==> flow/design.v <==
module aligner_v2 #(
    parameter int DATA_W = 10,
    parameter int SW = $clog2(DATA_W)
) (
    input  logic clock,
    input  logic aresetn,
    input  logic [DATA_W-1:0] in,
    input  logic [SW-1:0] sh,
    output logic [DATA_W-1:0] z_o
);
    always_ff @(posedge clock or negedge aresetn) begin
        if (!aresetn) begin
            z_o <= '0;
        end else begin
            z_o <= in << sh;
        end
    end
endmodule
**Reports on aligner_v2**

The steps from the RTL of aligner_v2 to its reports follow in flow order.
Line numbers count from 1 in the design file above.
Library cell names are shortened.
The mark -- stands for no value.

- Design top: aligner_v2
- Clock input: clock
- Cell library: sky130hd
- Library corner: tt_025C_1v80

**Word-level counts**

Source: Yosys, flattened and elaborated, memories not mapped. Widths are those after wreduce; folded enables and synchronous resets count as part of the registers. Registers that Yosys merges into a memory's read port (data or address) are not register bits. Print and check cells do not count. Equal cells are merged and count once.

- Register bits after elaboration: 10
- Latch bits: 0
- Bits in writable memories: 0
- Bits in read-only memories: 0
- Word width x clocked read ports: 0
- Memories: 0
- Input bits: 16

- Add/sub/neg operators: 0
- $mul: 0
- Div/mod/pow operators: 0
- $lt $le $gt $ge: 0
- Equality and inequality tests: 0
- Shifts and indexed selects: 1
- Mux-type cells: 0
- Bitwise operators: 0
- Reduce/logical cells: 0

Operator list:

| kind | count |
|---|---|
| 10-bit by 4-bit << shifter with 10-bit output | 1 |

**Logic depth**

Depth = most cells in a row (Yosys ltp): at word level without a register or memory, in the mapped netlist without a sequential cell, where the memories' decode and read muxes count.

- Depth in word-level cells: 1
- ABC_AREA: 0
- Mapped depth: 6

**After synthesis**

The flow's flattened synthesis, as Yosys stat reports it; memories are mapped. The netlist is that of the ABC_AREA named above (0 if unset); the other value can give another one.

- Standard cells after synthesis: 70
- Synthesis area: 0.0007082 mm²
- Flip-flops: 10

Cells by type:

| cell | count | total area (µm²) |
|---|---|---|
| dfrtp_1 | 10 | 250.24 |
| mux2i_1 | 7 | 70.067 |
| mux2_2 | 3 | 33.782 |
| a2111oi_4 | 1 | 27.526 |
| nand2_1 | 6 | 22.522 |
| a21oi_1 | 4 | 20.019 |
| buf_12 | 1 | 20.019 |
| nand2b_1 | 3 | 18.768 |
| nor2_1 | 5 | 18.768 |
| a211o_1 | 2 | 17.517 |
| a2111oi_2 | 1 | 15.014 |
| mux2_4 | 1 | 15.014 |
| a211oi_2 | 1 | 12.512 |
| and4bb_2 | 1 | 12.512 |
| nor4_1 | 2 | 12.512 |
| o22ai_1 | 2 | 12.512 |
| buf_6 | 1 | 11.261 |
| buf_2 | 2 | 10.01 |

Other cell types: 15; their cells: 17.

**Worst setup path after synthesis**

Path of least setup slack by OpenSTA after synthesis, without wires, with an ideal clock, recovery checks aside; 20% of the period is set as input and as output delay. Where synthesis merged equal registers, the netlist keeps one of their names.

- Kind: input port to flip-flop
- Start: input port sh[0]
- End: register z_o[8]
- Clock period: 1.57 ns
- External input delay: 0.314 ns
- Arrival: 1.198 ns
- Data required time: 1.450 ns
- Slack: 0.252 ns
- Delay of the path: 1.004 ns
- Driving pins on the path: 5
- Path buffers: 1
- Synthesis period reached: 1.318 ns

"delay of the path" = arrival - input delay + setup time.
"driving pins on the path": output pins that drive a net of the path, with the launching flip-flop's if there is one; two outputs of one cell count as two.
"synthesis period reached" = period - worst setup slack (recovery checks aside). The figure is calculated, with input and output delays left at 20% of the set period.
Between the ends stands the longest chain of elaborated cells between them, by number of cells; it is not shown to be the way that was timed. Of several equally long chains one is given.
Each line given opens the expression or statement behind the cell; cells for indexed reads and writes are added by Yosys, which also makes memories of some case tables.

- Cell sequence: buf_6 -> mux2_4 -> a211oi_2 -> o22ai_1 -> and3_1
- Cells in the longest elaborated chain: 1
- Elaborated cells between the ends (all ways): 1
- Source lines of those cells: 1
- Classes of those cells: 1 x shift

Ends and longest elaborated chain, post-synthesis:

| element | RTL line | text |
|---|---|---|
| from (decl) | 8 | `input  logic [SW-1:0] sh,` |
| 10-bit by 4-bit << shifter with 10-bit output | 15 | `z_o <= in << sh;` |
| to (assign) | 13 | `z_o <= '0;` |
| to (assign) | 15 |  |
| to (decl) | 9 | `output logic [DATA_W-1:0] z_o` |

**Worst path after layout**

From the final timing report of record 1: the path of least setup slack in the routed layout; clock arrival at registers is part of the times.

- Kind: input port to flip-flop
- Start: input port in[3]
- End: register z_o[8]
- Clock period: 1.74 ns
- External input delay: 0.35 ns
- Arrival: 1.59 ns
- Data required time: 1.91 ns
- Slack: 0.31 ns
- Driving pins on the path: 5
- Path buffers: 1

Between the ends stands the longest chain of elaborated cells between them, by number of cells; it is not shown to be the way that was timed. Of several equally long chains one is given.

- Cell sequence: clkdlybuf4s50_1 -> mux2_2 -> a21oi_2 -> o22ai_1 -> and3_1
- Cells in the longest elaborated chain: 1
- Elaborated cells between the ends (all ways): 1
- Source lines of those cells: 1
- Classes of those cells: 1 x shift

Ends and longest elaborated chain, post-layout:

| element | RTL line | text |
|---|---|---|
| from (decl) | 7 | `input  logic [DATA_W-1:0] in,` |
| 10-bit by 4-bit << shifter with 10-bit output | 15 | `z_o <= in << sh;` |
| to (assign) | 13 | `z_o <= '0;` |
| to (assign) | 15 |  |
| to (decl) | 9 | `output logic [DATA_W-1:0] z_o` |

Measured data: module aligner_v2, platform sky130hd, 3 stored runs of the flow under differing settings, order arbitrary. Input and output delays are each 20% of the period that was set; the output load is 0.01 pF.
"achieved clock period" = clock period - worst setup slack. The figure is calculated, with input and output delays left at 20% of the set period.
"worst path time" is the time allowed to the run's worst setup path (the clock period less input and output delay, where it has them) less its slack. Clock arrival times count: a late capture clock shortens it, a late launch clock lengthens it.
"total power of the final layout" rests on the timing tool's default activity at the inputs, not on a simulated workload.

### Record 1

==> flow/run.sh <==
#!/bin/bash
# the make line also repeats the synthesis and layout settings of config.mk as NAME=value (left out here)
make -C /OpenROAD-flow-scripts/flow DESIGN_CONFIG=/design/flow/config.mk WORK_HOME=/design/flow/orfs CLKGATE_MAP_FILE= finish
==> flow/config.mk <==
export PLATFORM = sky130hd
export DESIGN_NAME = aligner_v2
export DESIGN_NICKNAME = aligner_v2
export VERILOG_FILES = /design/flow/design.v
export SDC_FILE = /design/flow/constraint.sdc
export NUM_CORES = 4
export LEC_CHECK = 0
export CAP_MARGIN = 20
export CORE_MARGIN = 10
export CORE_UTILIZATION = 55
export MAX_ROUTING_LAYER = met5
export MIN_ROUTING_LAYER = met1
export PLACE_DENSITY_LB_ADDON = 0.01
export SETUP_SLACK_MARGIN = 0.31
export SLEW_MARGIN = 20
==> flow/constraint.sdc <==
create_clock -name core_clock -period 1.74 [get_ports {clock}]
set_input_delay 0.3480 -clock core_clock [delete_from_list [all_inputs] [get_ports {clock}]]
set_output_delay 0.3480 -clock core_clock [all_outputs]
set_load 0.01 [all_outputs]

Results of record 1:
- Utilization in the final report: 0.926
- Die area: 0.0031231 mm²
- Standard-cell area after layout: 0.001071 mm²
- Area of the synthesized netlist: 0.0007082 mm²
- Worst setup slack after layout: 0.313 ns
- Total power of the final layout: 0.6397 mW
- Post-route setup TNS: 0.000 ns
- Achieved clock period: 1.427 ns
- Worst path time: 1.08 ns
- Kind of the worst setup path: input port to flip-flop

### Record 2

==> flow/run.sh <==
#!/bin/bash
# the make line also repeats the synthesis and layout settings of config.mk as NAME=value (left out here)
make -C /OpenROAD-flow-scripts/flow DESIGN_CONFIG=/design/flow/config.mk WORK_HOME=/design/flow/orfs CLKGATE_MAP_FILE= finish
==> flow/config.mk <==
export PLATFORM = sky130hd
export DESIGN_NAME = aligner_v2
export DESIGN_NICKNAME = aligner_v2
export VERILOG_FILES = /design/flow/design.v
export SDC_FILE = /design/flow/constraint.sdc
export NUM_CORES = 4
export LEC_CHECK = 0
export CAP_MARGIN = 20
export CELL_PAD_IN_SITES_DETAIL_PLACEMENT = 0
export CELL_PAD_IN_SITES_GLOBAL_PLACEMENT = 1
export CORE_ASPECT_RATIO = 1.81
export CORE_MARGIN = 2
export CORE_UTILIZATION = 72
export GPL_TIMING_DRIVEN = 0
export SETUP_SLACK_MARGIN = -0.06
export SLEW_MARGIN = 20
export TNS_END_PERCENT = 35
==> flow/constraint.sdc <==
create_clock -name core_clock -period 0.781 [get_ports {clock}]
set_input_delay 0.1562 -clock core_clock [delete_from_list [all_inputs] [get_ports {clock}]]
set_output_delay 0.1562 -clock core_clock [all_outputs]
set_load 0.01 [all_outputs]

Outcome of record 2: incomplete, floorplanning halted on PDN-0185

### Record 3

==> flow/run.sh <==
#!/bin/bash
# the make line also repeats the synthesis and layout settings of config.mk as NAME=value (left out here)
make -C /OpenROAD-flow-scripts/flow DESIGN_CONFIG=/design/flow/config.mk WORK_HOME=/design/flow/orfs CLKGATE_MAP_FILE= finish
==> flow/config.mk <==
export PLATFORM = sky130hd
export DESIGN_NAME = aligner_v2
export DESIGN_NICKNAME = aligner_v2
export VERILOG_FILES = /design/flow/design.v
export SDC_FILE = /design/flow/constraint.sdc
export NUM_CORES = 4
export LEC_CHECK = 0
export CAP_MARGIN = 20
export CORE_MARGIN = 2
export CORE_UTILIZATION = 40
export SLEW_MARGIN = 20
==> flow/constraint.sdc <==
create_clock -name core_clock -period 1.57 [get_ports {clock}]
set_input_delay 0.3140 -clock core_clock [delete_from_list [all_inputs] [get_ports {clock}]]
set_output_delay 0.3140 -clock core_clock [all_outputs]
set_load 0.01 [all_outputs]

Results of record 3:
- Utilization in the final report: 0.634
- Die area: 0.0021229 mm²
- Standard-cell area after layout: 0.001071 mm²
- Area of the synthesized netlist: 0.0007082 mm²
- Worst setup slack after layout: 0.133 ns
- Total power of the final layout: 0.7380 mW
- Post-route setup TNS: 0.000 ns
- Achieved clock period: 1.437 ns
- Worst path time: 1.12 ns
- Kind of the worst setup path: input port to flip-flop
